==> flow/design.v <==
module dp_barrel_mod #(
   parameter W = 64,
   parameter LOGN = $clog2(W)
) (
   input wire core_clk,
   input wire resetn,
   input wire step,
   input wire [W-1:0] i_din,
   input wire [LOGN-1:0] i_n,
   input wire [1:0] i_kind,
   output reg [W-1:0] o_out
);
   reg [W-1:0] tmp;
   always @(*) begin
      case (i_kind)
         2'b00: tmp = i_din << i_n;
         2'b01: tmp = i_din >> i_n;
         2'b10: tmp = $signed(i_din) >>> i_n;
         default: tmp = i_din;
      endcase
   end
   always @(posedge core_clk) begin
      if (~resetn) begin
         o_out <= 0;
      end else if (step) begin
         o_out <= tmp;
      end
   end
endmodule
======== Step by step through the tools: dp_barrel_mod ========
Tool output for the design above, in the order of the flow.
Line numbers count from 1 in the design file above.
Cell names lack the library's common part.
Not given: -
set-up
  design top .............................. dp_barrel_mod
  clock ................................... core_clk
  library ................................. sky130hd
  corner .................................. tt_025C_1v80

======== Elaborated design ========
Yosys after proc, flatten, opt, wreduce and memory -nomap, before mapping. Enables and synchronous resets that opt folds into registers are not counted as muxes. Memory bits, and registers merged into a memory's read port (data or address), are not among the register bits. Print and check cells are not counted. Equal cells are merged and count once.
word-level totals
  register bits ........................... 64
  bits of input ports ..................... 75
  output and inout port bits .............. 64
operators by class
  equality and inequality tests ........... 2
  shifts and indexed selects .............. 3
  mux-type cells .......................... 1
  reduce/logical cells .................... 1
operators by type and width
  operator                                                          number
  64-bit parallel mux with 3-bit select                             1
  64-bit by 6-bit << shifter with 64-bit output                     1
  64-bit by 6-bit >> shifter with 64-bit output                     1
  64-bit by 6-bit >>> shifter with 64-bit output                    1
  2-bit by 1-bit == test with 1-bit output (second input constant)  1
  2-bit == test (second input constant)                             1
  2-bit logical NOT                                                 1

======== Depth ========
Depth = most cells in a row (Yosys ltp): at word level without a register or memory, in the mapped netlist without a sequential cell, where the memories' decode and read muxes count.
depth
  depth after elaboration ................. 2
  ABC_AREA ................................ 0
  depth in mapped cells ................... 13
  mapped depth without buffers ............ 6

======== Synthesis result ========
The flow's flattened synthesis, as Yosys stat reports it; memories are mapped. The netlist is that of the ABC_AREA named above (0 if unset); the other value can give another one.
synthesis totals
  cells in the netlist .................... 1443
  synthesis area .......................... 12649.6 um^2
  sequential part of the area ............. 1281.2 um^2
  flip-flops .............................. 64
  buffers ................................. 191
cells by type
  cell type  number  area in all (um^2)
  mux4_2     149     3.36E+03
  dfxtp_1    64      1.28E+03
  mux2i_1    108     1.08E+03
  mux2_2     67      754.474
  o21ai_0    104     520.499
  nand2_1    134     502.982
  clkbuf_1   126     472.954
  nor2_1     117     439.171
  a21oi_1    74      370.355
  mux4_1     13      341.578
  o211ai_1   25      187.68
  a31oi_1    25      156.4
  nand3_1    31      155.149
  buf_2      29      145.139
  o221ai_1   16      140.134
  a22oi_1    18      135.13
  a211oi_1   17      127.622
  nor3_1     25      125.12
Other cell types: 62; their cells: 301.

======== Timing after synthesis ========
Source: OpenSTA report_checks on the synthesized netlist (no wires, ideal clock, input and output delay 20% of the period each), path of least setup slack; recovery checks are left aside. Register names are those of the netlist, which keeps one name where synthesis merged equal registers.
timing path after synthesis
  kind .................................... input to register
  from .................................... in i_n[1]
  to ...................................... reg o_out[22]
  clock period ............................ 3.35 ns
  setup time .............................. 0.121 ns
  time at the first pin ................... 0.670 ns
  data arrival time ....................... 2.692 ns
  required time ........................... 3.229 ns
  slack ................................... 0.538 ns
  delay of the path ....................... 2.143 ns
  stages .................................. 9
  buffers on the path ..................... 4
  synthesis period reached ................ 2.812 ns
"delay of the path" = arrival - input delay + setup time.
"stages": output pins that drive a net of the path, with the launching flip-flop's if there is one; two outputs of one cell count as two.
"synthesis period reached" = period - worst setup slack (recovery checks aside). The figure is calculated, with input and output delays left at 20% of the set period.
Between the ends stands the longest chain of elaborated cells between them, by number of cells; it is not shown to be the way that was timed. Of several equally long chains one is given.
A line is the first line of the expression or statement that the cell stems from. Yosys adds cells for indexed reads and writes and turns some case tables into memories.
on the way, after synthesis
  cells stage by stage .................... buf_6 -> buf_12 -> buf_6 -> buf_8 -> mux4_2 -> o21a_1 -> mux4_2 -> a211oi_2 -> o21ai_1
  cells in the longest elaborated chain ... 2
  elaborated cells on any way between the ends .. 4
  RTL lines with such cells ............... 4
ends and longest elaborated chain, after synthesis
  what                                            line  text
  start, declared                                 9     input wire [LOGN-1:0] i_n,
  64-bit by 6-bit >>> shifter with 64-bit output  18    2'b10: tmp = $signed(i_din) >>> i_n;
  64-bit parallel mux with 3-bit select           15    case (i_kind)
  end, assigned                                   24    o_out <= 0;
  end, assigned                                   26    o_out <= tmp;
  end, declared                                   11    output reg [W-1:0] o_out

======== Path in the finished layout ========
From the final timing report of flow run B: the path of least setup slack in the routed layout; clock arrival at registers is part of the times.
timing path post-layout
  kind .................................... input to register
  from .................................... in i_din[31]
  to ...................................... reg o_out[33]
  clock period ............................ 3.35 ns
  setup time .............................. 0.07 ns
  time at the first pin ................... 0.67 ns
  data arrival time ....................... 3.52 ns
  required time ........................... 3.64 ns
  slack ................................... 0.11 ns
  stages .................................. 8
  buffers on the path ..................... 2
on the way, post-layout
  cells stage by stage .................... clkdlybuf4s50_1 -> mux4_2 -> nor2_1 -> nor2_1 -> o21ai_0 -> buf_4 -> o2bb2a_1 -> a32oi_1
ends and longest elaborated chain, post-layout
  what             line  text
  start, declared  8     input wire [W-1:0] i_din,
  end, assigned    24    o_out <= 0;
  end, assigned    26    o_out <= tmp;
  end, declared    11    output reg [W-1:0] o_out
No chain of elaborated cells between the ends is given.

Subject: flow runs of dp_barrel_mod

Hi,

Module dp_barrel_mod, platform sky130hd: 2 stored runs of the flow (Yosys, OpenROAD) with differing settings, in no particular order. Input and output delays are each 20% of the period that was set; the output load is 0.01 pF.
"time of the worst setup path" means the part of the period allowed to the worst setup path (the constraints hold back 20% at inputs and 20% at outputs) less its slack; where the path has registers, the arrival times of their clocks count too.

---- flow run A ----
settings
  period_ns = 1.82
  CORE_UTILIZATION = 31
  SETUP_SLACK_MARGIN = 0.39
  PLACE_DENSITY = 0.57
  HOLD_SLACK_MARGIN = 0.14
  CELL_PAD_IN_SITES_DETAIL_PLACEMENT = 1
  CTS_CLUSTER_SIZE = 29
  CTS_CLUSTER_DIAMETER = 266
  CAP_MARGIN = 15
  MIN_ROUTING_LAYER = met2
  CORE_MARGIN = 2
  SLEW_MARGIN = 20
results
  did not finish, routing stopped with GRT-0116

---- flow run B ----
settings
  period_ns = 3.35
  CAP_MARGIN = 20
  CORE_MARGIN = 2
  CORE_UTILIZATION = 40
  SLEW_MARGIN = 20
results
  Yosys chip area after synthesis ......... 12649.6 um^2
  setup slack of the critical path ........ 0.113 ns
  standard-cell area after layout ......... 16773.6 um^2
  final utilization ....................... 53.6 %
  die area ................................ 33062.1 um^2
  smallest hold slack ..................... 0.453 ns
  time of the worst setup path ............ 2.57 ns
  critical path kind ...................... input to register

Regards
